==> flow/design.v <==
module core_multiplier_top_add_row #(parameter N = 4) (
    input wire [N-1:0] a,
    input wire sel,
    input wire [N-1:0] pin,
    output wire [N:0] pout
);
    assign pout = pin + (a & {N{sel}});
endmodule
module core_multiplier_top #(
    parameter WD = 12
) (
    input wire CLK,
    input wire RSTN,
    input wire ce,
    input wire [WD-1:0] A,
    input wire [WD-1:0] B,
    output wire [2*WD-1:0] result
);
    reg [WD-1:0] A_r;
    always @(posedge CLK) begin
        if (~RSTN) begin
            A_r <= 0;
        end else if (ce) begin
            A_r <= A;
        end
    end
    reg [WD-1:0] B_r;
    always @(posedge CLK) begin
        if (~RSTN) begin
            B_r <= 0;
        end else if (ce) begin
            B_r <= B;
        end
    end
    wire [WD:0] n_ [0:WD];
    wire [WD-1:0] lo;
    assign n_[0] = 0;
    genvar k;
    generate
        for (k = 0; k < WD; k = k + 1) begin : stage
            core_multiplier_top_add_row #(.N(WD)) unit (.a(A_r), .sel(B_r[k]), .pin(n_[k][WD:1]), .pout(n_[k+1]));
            assign lo[k] = n_[k+1][0];
        end
    endgenerate
    assign result = {n_[WD][WD:1], lo};
endmodule
---- Reports on core_multiplier_top ----
Tool output for the design above, in the order of the flow.
Line numbers count from 1 in the design file above.
Operators: Yosys type, input widths -> output width; for muxes data width and select width s.
Cell names lack the library's common part.
Not given: n/a
inputs
  top ..................................... core_multiplier_top
  clock port .............................. CLK
  library ................................. sky130hd
  timing corner ........................... tt_025C_1v80

---- After elaboration ----
Yosys after proc, flatten, opt, wreduce and memory -nomap, before mapping. Enables and synchronous resets that opt folds into registers are not counted as muxes. Memory bits, and registers merged into a memory's read port (data or address), are not among the register bits. Print and check cells are not counted. Equal cells are merged and count once.
bit counts
  bits in registers ....................... 24
  input port bits ......................... 27
  output and inout bits ................... 24
operators by class
  add/sub/neg operators ................... 11
  bitwise operators ....................... 12
operators with widths
  cell            count
  $and 12x12->12  12
  $add 12x13->13  10
  $add 11x13->13  1

---- Logic depth ----
Depth = most cells in a row (Yosys ltp): at word level without a register or memory, in the mapped netlist without a sequential cell, where the memories' decode and read muxes count.
depth
  word-level depth ........................ 12
  ABC_AREA ................................ 0
  gate-level depth with buffers ........... 67
  depth with buffers taken out ............ 64

---- Synthesis result ----
Source: synth_stat.txt of the flow (Yosys; design flattened, memories mapped). It holds for the ABC_AREA given above (unset counts as 0); a run with the other value may have another netlist.
mapped netlist
  synthesis area .......................... 0.0079163 mm^2
  area of sequential cells ................ 0.0004805 mm^2
  cell count .............................. 1068
  buffers ................................. 37
  flip-flop cells ......................... 24
cell types
  cell type  count  total area (um^2)
  ha_1       134    1.68E+03
  and2_1     133    832.048
  xnor2_1    75     656.88
  dfxtp_1    24     480.461
  a21oi_1    72     360.346
  a21o_1     40     300.288
  nor2b_1    48     300.288
  o21ai_0    58     290.278
  nor2_1     65     243.984
  mux2i_1    24     240.23
  fa_1       11     220.211
  inv_1      53     198.941
  nand2_1    53     198.941
  a211oi_1   24     180.173
  o21a_1     18     135.13
  clkbuf_1   35     131.376
  nor3_1     23     115.11
  nand2b_1   15     93.84
Other cell types: 37; their cells: 163.
By module: a second synthesis without flattening, with its own total; a netlist apart from the flattened one above.
second synthesis, totals
  cell total of the unflattened synthesis .. 1182
  area (unflattened synthesis) ............ 0.0093715 mm^2
Rows give one instance, submodules left out.
by module
  module                              cells  sequential area (mm^2)  instances  area (mm^2)
  core_multiplier_top_add_row (N=12)  92     0                       12         0.0007032
  core_multiplier_top                 78     0.0004805               1          0.0009334

---- Timing after synthesis ----
OpenSTA on the mapped netlist: ideal clock, no wires. The path of least setup slack (recovery checks aside). Input and output delay are each 20% of the period. Register names are those of the netlist, which keeps one name where synthesis merged equal registers.
timing post-synthesis
  path type ............................... register to output
  start point ............................. reg A_r[1]
  end point ............................... out result[23]
  launch time at the first pin ............ 0.000 ns
  output delay ............................ 3.800 ns
  data required time ...................... 15.200 ns
  clock period ............................ 19.0 ns
  path slack .............................. 3.027 ns
  buffers on the path ..................... 4
  delay of the path ....................... 12.173 ns
  stages on the path ...................... 61
  arrival ................................. 12.173 ns
  synthesis period reached ................ 15.973 ns
"delay of the path" = arrival - input delay + setup time.
At an output port there is no setup time.
"stages on the path" counts driving pins, that of a launching flip-flop among them; a cell with two outputs on the path counts twice.
"synthesis period reached" is the clock period less the worst setup slack; recovery checks do not enter. This is arithmetic on one report: input and output delays are still those of the set period (20% each).
The rows between start and end are the longest chain of elaborated cells between them; the timing report does not say that the signal goes this way. Where chains are equally long, one stands for them.
A line is the first line of the expression or statement that the cell stems from. Yosys adds cells for indexed reads and writes and turns some case tables into memories.
on the way, post-synthesis
  cell sequence ........................... dfxtp_1 -> clkbuf_1 -> and2_1 -> ha_1 -> inv_1 -> fa_1 -> nor2b_4 -> o31a_1 -> o21ai_0 -> a21oi_1 -> xor2_1 -> ha_1 -> a21o_1 -> a211oi_1 -> nor2_1 -> a211oi_1 -> xnor2_1 -> ha_1 -> [... 25 more ...] -> a21boi_0 -> xnor2_1 -> ha_1 -> and3_1 -> a41oi_1 -> xnor2_1 -> ha_1 -> inv_1 -> nor4_1 -> a21oi_1 -> o311a_1 -> o311ai_0 -> ha_1 -> clkbuf_1 -> a21oi_1 -> nor2_1 -> o21a_1 -> a311o_1
  length of the longest elaborated chain .. 12
  elaborated cells on any way between the ends .. 23
  classes of those cells .................. 11 x add/sub; 12 x logic
RTL lines, path post-synthesis
  what                RTL line  text
  start: declaration  19        reg [WD-1:0] A_r;
  start: assignment   22        A_r <= 0;
  start: assignment   24        A_r <= A;
  $and 12x12->12      7         assign pout = pin + (a & {N{sel}});
  $add 11x13->13      7
  $add 12x13->13 x10  7
  end: declaration    17        output wire [2*WD-1:0] result

---- Path in the finished layout ----
Path of least setup slack in the final report of stored run 1 (OpenROAD, finished layout, wires in). Where an end is a register, its clock arrival counts in the times.
timing after layout
  path type ............................... register to output
  start point ............................. reg A_r[0]
  end point ............................... out result[23]
  clock period ............................ 19.0 ns
  path slack .............................. 1.17 ns
  buffers on the path ..................... 1
  data required time ...................... 15.20 ns
  output delay ............................ 3.80 ns
  arrival ................................. 14.03 ns
  stages on the path ...................... 61
  launch time at the first pin ............ 0.27 ns
The rows between start and end are the longest chain of elaborated cells between them; the timing report does not say that the signal goes this way. Where chains are equally long, one stands for them.
on the way, after layout
  cell sequence ........................... dfxtp_2 -> and2_1 -> ha_1 -> inv_1 -> fa_1 -> nor2b_4 -> o31a_1 -> o21ai_0 -> a21oi_1 -> xor2_1 -> ha_1 -> a21oi_1 -> o21ai_0 -> a31o_2 -> a21oi_1 -> xnor2_1 -> ha_1 -> nor2_1 -> [... 25 more ...] -> xnor2_1 -> ha_1 -> a21oi_1 -> o21ai_0 -> a41oi_1 -> xnor2_1 -> ha_1 -> inv_1 -> nor4_1 -> a21oi_1 -> o311a_1 -> o311ai_0 -> ha_1 -> a21oi_1 -> nor2_1 -> o21a_1 -> a311o_1 -> clkdlybuf4s50_1
  length of the longest elaborated chain .. 12
  elaborated cells on any way between the ends .. 22
  classes of those cells .................. 11 x add/sub; 11 x logic
RTL lines, path after layout
  what                RTL line  text
  start: declaration  19        reg [WD-1:0] A_r;
  start: assignment   22        A_r <= 0;
  start: assignment   24        A_r <= A;
  $and 12x12->12      7         assign pout = pin + (a & {N{sel}});
  $add 11x13->13      7
  $add 12x13->13 x10  7
  end: declaration    17        output wire [2*WD-1:0] result

Record of 3 stored runs of the RTL-to-layout flow on core_multiplier_top, platform sky130hd. The runs are unordered. Constraints: input delay and output delay 20% of the set period each, output load 0.01 pF.
"achieved clock period": clock period set for the run, less the worst setup slack. It is reckoned from that one timing run; input and output delays stay at 20% of the period that was set.
"worst path time" is the time allowed to the run's worst setup path (the clock period less input and output delay, where it has them) less its slack. Clock arrival times count: a late capture clock shortens it, a late launch clock lengthens it.
"power consumption" rests on the timing tool's default activity at the inputs, not on a simulated workload.

======== stored run 1 ========
==> flow/run.sh <==
#!/bin/bash
# the make line also repeats the synthesis and layout settings of config.mk as NAME=value (left out here)
make -C /OpenROAD-flow-scripts/flow DESIGN_CONFIG=/design/flow/config.mk WORK_HOME=/design/flow/orfs CLKGATE_MAP_FILE= finish
==> flow/config.mk <==
export PLATFORM = sky130hd
export DESIGN_NAME = core_multiplier_top
export DESIGN_NICKNAME = core_multiplier_top
export VERILOG_FILES = /design/flow/design.v
export SDC_FILE = /design/flow/constraint.sdc
export NUM_CORES = 4
export LEC_CHECK = 0
export CAP_MARGIN = 20
export CORE_MARGIN = 2
export CORE_UTILIZATION = 40
export SLEW_MARGIN = 20
==> flow/constraint.sdc <==
create_clock -name core_clock -period 19.0 [get_ports {CLK}]
set_input_delay 3.8000 -clock core_clock [delete_from_list [all_inputs] [get_ports {CLK}]]
set_output_delay 3.8000 -clock core_clock [all_outputs]
set_load 0.01 [all_outputs]

-------- measured, stored run 1 --------
  worst hold slack ........................ 0.600 ns
  post-layout utilization ................. 44.7%
  standard-cell area after routing ........ 0.0086971 mm^2
  setup slack of the critical path ........ 1.165 ns
  synthesized cell area ................... 0.0079163 mm^2
  worst path time ......................... 14.03 ns
  critical path type ...................... register to output
  achieved clock period ................... 17.835 ns
  total negative slack .................... 0.000 ns
  full die area ........................... 0.0209323 mm^2
  power consumption ....................... 0.0003193 W

======== stored run 2 ========
==> flow/run.sh <==
#!/bin/bash
# the make line also repeats the synthesis and layout settings of config.mk as NAME=value (left out here)
make -C /OpenROAD-flow-scripts/flow DESIGN_CONFIG=/design/flow/config.mk WORK_HOME=/design/flow/orfs CLKGATE_MAP_FILE= finish
==> flow/config.mk <==
export PLATFORM = sky130hd
export DESIGN_NAME = core_multiplier_top
export DESIGN_NICKNAME = core_multiplier_top
export VERILOG_FILES = /design/flow/design.v
export SDC_FILE = /design/flow/constraint.sdc
export NUM_CORES = 4
export LEC_CHECK = 0
export CAP_MARGIN = 30
export CORE_ASPECT_RATIO = 1.81
export CORE_MARGIN = 2
export CORE_UTILIZATION = 43
export CTS_CLUSTER_DIAMETER = 272
export PLACE_DENSITY = 0.79
export SLEW_MARGIN = 20
==> flow/constraint.sdc <==
create_clock -name core_clock -period 11.9 [get_ports {CLK}]
set_input_delay 2.3800 -clock core_clock [delete_from_list [all_inputs] [get_ports {CLK}]]
set_output_delay 2.3800 -clock core_clock [all_outputs]
set_load 0.01 [all_outputs]

-------- measured, stored run 2 --------
  achieved clock period ................... 15.108 ns
  setup slack of the critical path ........ -3.208 ns
  total negative slack .................... -25.985 ns
  synthesized cell area ................... 0.0079163 mm^2
  power consumption ....................... 0.0007804 W
  worst path time ......................... 12.73 ns
  critical path type ...................... register to output
  standard-cell area after routing ........ 0.0124357 mm^2
  worst hold slack ........................ 0.586 ns
  post-layout utilization ................. 69.1%
  full die area ........................... 0.0195587 mm^2

======== stored run 3 ========
==> flow/run.sh <==
#!/bin/bash
# the make line also repeats the synthesis and layout settings of config.mk as NAME=value (left out here)
make -C /OpenROAD-flow-scripts/flow DESIGN_CONFIG=/design/flow/config.mk WORK_HOME=/design/flow/orfs CLKGATE_MAP_FILE= finish
==> flow/config.mk <==
export PLATFORM = sky130hd
export DESIGN_NAME = core_multiplier_top
export DESIGN_NICKNAME = core_multiplier_top
export VERILOG_FILES = /design/flow/design.v
export SDC_FILE = /design/flow/constraint.sdc
export NUM_CORES = 4
export LEC_CHECK = 0
export ABC_AREA = 1
export CAP_MARGIN = 20
export CELL_PAD_IN_SITES_DETAIL_PLACEMENT = 2
export CORE_ASPECT_RATIO = 0.51
export CORE_MARGIN = 2
export CORE_UTILIZATION = 31
export CTS_CLUSTER_SIZE = 13
export GPL_TIMING_DRIVEN = 1
export PLACE_DENSITY_LB_ADDON = 0.07
export SETUP_SLACK_MARGIN = -0.36
export SLEW_MARGIN = 15
==> flow/constraint.sdc <==
create_clock -name core_clock -period 19.0 [get_ports {CLK}]
set_input_delay 3.8000 -clock core_clock [delete_from_list [all_inputs] [get_ports {CLK}]]
set_output_delay 3.8000 -clock core_clock [all_outputs]
set_load 0.01 [all_outputs]

-------- measured, stored run 3 --------
  worst path time ......................... 14.04 ns
  critical path type ...................... register to output
  power consumption ....................... 0.0004464 W
  standard-cell area after routing ........ 0.0103011 mm^2
  post-layout utilization ................. 34.9%
  total negative slack .................... 0.000 ns
  synthesized cell area ................... 0.0092376 mm^2
  full die area ........................... 0.031274 mm^2
  setup slack of the critical path ........ 1.156 ns
  worst hold slack ........................ 0.664 ns
  achieved clock period ................... 17.844 ns
